==> flow/design.v <==
module u_order #(
  parameter W = 28
) (
  input clk,
  input aresetn,
  input [W-1:0] src1_in,
  input [W-1:0] src2_in,
  output le_out
);
  reg [W-1:0] src1_r;
  reg [W-1:0] src2_r;
  always @(posedge clk) begin
    if (~aresetn) begin
      src1_r <= 0;
      src2_r <= 0;
    end else begin
      src1_r <= src1_in;
      src2_r <= src2_in;
    end
  end
  assign le_out = (src1_r <= src2_r);
endmodule
# From RTL to reports: u_order
# Tool output for the design above, in the order of the flow.
# Line numbers count from 1 in the design file above.
# Operators: Yosys type, input widths -> output width; for muxes data width and select width s.
# Library cell names are shortened.
# Not given: --
# inputs
top	u_order
clock	clk
cell_library	sky130hd
lib_corner	tt_025C_1v80

# Elaborated design
# Counts by Yosys on the flattened word-level netlist (proc, flatten, opt, wreduce; memories kept). Register bits leave out memories and registers merged into their read ports (data or address); mux counts leave out enables and synchronous resets folded into registers. Print and check cells are left out. Cells with the same type and inputs are merged into one.
# bits
reg_bits	56
latch_bits	0
ram_bits	0
mem_bits_ro	0
clocked_rd_ports_x_width	0
memories	0
input_bits	58
out_inout_bits	1
wordCells	3
# classes
n_addsub	0
n_mul	0
div	0
n_cmp	1
eq_ne	0
n_shift	0
n_mux	0
bitwise	0
reduce_logical	0
# ops
op	count
$le 28x28->1	1

# Longest topological paths
# Longest topological path by Yosys (ltp), each cell counted once; first at word level (registers and memories cut), then after technology mapping (sequential cells cut; the memories' decode and read muxes count).
# logic_depth
depth_word	1
ABC_AREA	0
ltp_mapped	7
depth_no_buf	7

# Synthesis result
# Yosys stat after the flow's synthesis: flattened, memories mapped to cells. It holds for the ABC_AREA given above (unset counts as 0); a run with the other value may have another netlist.
# Totals and module areas in this step are rounded.
# mapped
stdcells	214
mapped_area_um2	2220
seqArea_um2	1120
ff_cells	56
buffers	6
# by_type
type	count	type_area_um2
dfxtp_1	56	1.12E+03
and2_1	56	350.336
ha_1	28	350.336
inv_1	29	108.854
a21oi_1	8	40.038
nand3_1	5	25.024
nand4_1	4	25.024
clkbuf_1	6	22.522
and4_1	2	17.517
a21boi_0	2	15.014
a21o_1	2	15.014
a221oi_2	1	15.014
nand2_1	4	15.014
nor2b_4	1	13.763
nor4_2	1	12.512
o211ai_2	1	12.512
o41a_2	1	12.512
a221o_1	1	10.01
# Other cell types: 6; their cells: 6.

# Worst setup path after synthesis
# Source: OpenSTA report_checks on the synthesized netlist (no wires, ideal clock, input and output delay 20% of the period each), path of least setup slack; recovery checks are left aside. Register names are those of the netlist, which keeps one name where synthesis merged equal registers.
# synth_path
path_kind	register to output
start	register src2_r[21]
end	output port le_out
clock_period_ns	2.44
output_delay_ns	0.488
t_first_pin_ns	0.000
arrival_time_ns	1.563
required_time_ns	1.952
slack_ns	0.389
delay_ns	1.563
path_stages	8
path_buffers	0
period_less_setup_slack_ns	2.051
# "delay_ns" is the arrival time less input delay plus setup time.
# A path that ends at an output port has no setup time.
# "path_stages" counts driving pins, that of a launching flip-flop among them; a cell with two outputs on the path counts twice.
# "period_less_setup_slack_ns" is the clock period less the worst setup slack; recovery checks do not enter. This is arithmetic on one report: input and output delays are still those of the set period (20% each).
# Between the ends stands the longest chain of elaborated cells between them, by number of cells; it is not shown to be the way that was timed. Of several equally long chains one is given.
# A line is the first line of the expression or statement that the cell stems from. Yosys adds cells for indexed reads and writes and turns some case tables into memories.
# synth_between
path_cell_list	dfxtp_1 inv_1 ha_1 a21o_1 a221o_1 a221oi_2 o21ai_1 o21ai_2
elab_chain_cells	1
cone_cells	1
lines_between	1
classes_between	compare (1)
# synth_lines
element	line_no	source
from (decl)	11	reg [W-1:0] src2_r;
from (assign)	15	src2_r <= 0;
from (assign)	18	src2_r <= src2_in;
$le 28x28->1	21	assign le_out = (src1_r <= src2_r);
to (decl)	8	output le_out

# Path in the finished layout
# From the final timing report of run A: the path of least setup slack in the routed layout; clock arrival at registers is part of the times.
# layout_path
path_kind	register to output
start	register src2_r[25]
end	output port le_out
clock_period_ns	1.78
output_delay_ns	0.36
t_first_pin_ns	0.39
arrival_time_ns	2.29
required_time_ns	1.42
slack_ns	-0.86
path_stages	9
path_buffers	1
# Between the ends stands the longest chain of elaborated cells between them, by number of cells; it is not shown to be the way that was timed. Of several equally long chains one is given.
# layout_between
path_cell_list	dfxtp_2 inv_2 ha_4 and4_4 nand4_1 nor4_4 nand3_1 o21ai_2 buf_2
elab_chain_cells	1
cone_cells	1
lines_between	1
classes_between	compare (1)
# layout_lines
element	line_no	source
from (decl)	11	reg [W-1:0] src2_r;
from (assign)	15	src2_r <= 0;
from (assign)	18	src2_r <= src2_in;
$le 28x28->1	21	assign le_out = (src1_r <= src2_r);
to (decl)	8	output le_out

# u_order through Yosys and OpenROAD on sky130hd: 3 stored runs, unordered, with their settings and measured results. The constraints put input and output delay at 20% of the set period each and load the outputs with 0.01 pF.
# "worstPathTime_ns" is the time allowed to the run's worst setup path (the clock period less input and output delay, where it has them) less its slack. Clock arrival times count: a late capture clock shortens it, a late launch clock lengthens it.
# "fin_power_mw" rests on the timing tool's default activity at the inputs, not on a simulated workload.
# Values from the reports are rounded here.
# A setting shown as . is not set for that run.
setting or result,run A,run B,run C
period_ns,1.78,2.44,1.31
CORE_UTILIZATION,66,40,22
SETUP_SLACK_MARGIN,0.53,.,0.21
PLACE_DENSITY_LB_ADDON,0.29,.,0.17
CELL_PAD_IN_SITES_GLOBAL_PLACEMENT,0,.,.
TNS_END_PERCENT,25,.,.
GPL_ROUTABILITY_DRIVEN,1,.,.
CTS_CLUSTER_SIZE,23,.,.
CTS_CLUSTER_DIAMETER,94,.,.
CAP_MARGIN,40,20,20
SLEW_MARGIN,40,20,25
MIN_ROUTING_LAYER,met1,.,met1
MAX_ROUTING_LAYER,met4,.,met4
CORE_MARGIN,2,2,2
CELL_PAD_IN_SITES_DETAIL_PLACEMENT,.,.,2
die_um2,3840,6160,10900
worstPathTime_ns,2.29,2.02,2.05
timing.worst_path_kind,register to output,register to output,register to output
fin_power_mw,2.55,1.83,3.52
timing.setup.ws_ns,-0.862,-0.072,-1.000
worst_hold_slack_ns,0.509,0.748,0.508
ys_area_um2,2220,2220,2220
cell_area_final_um2,3150,3070,3190
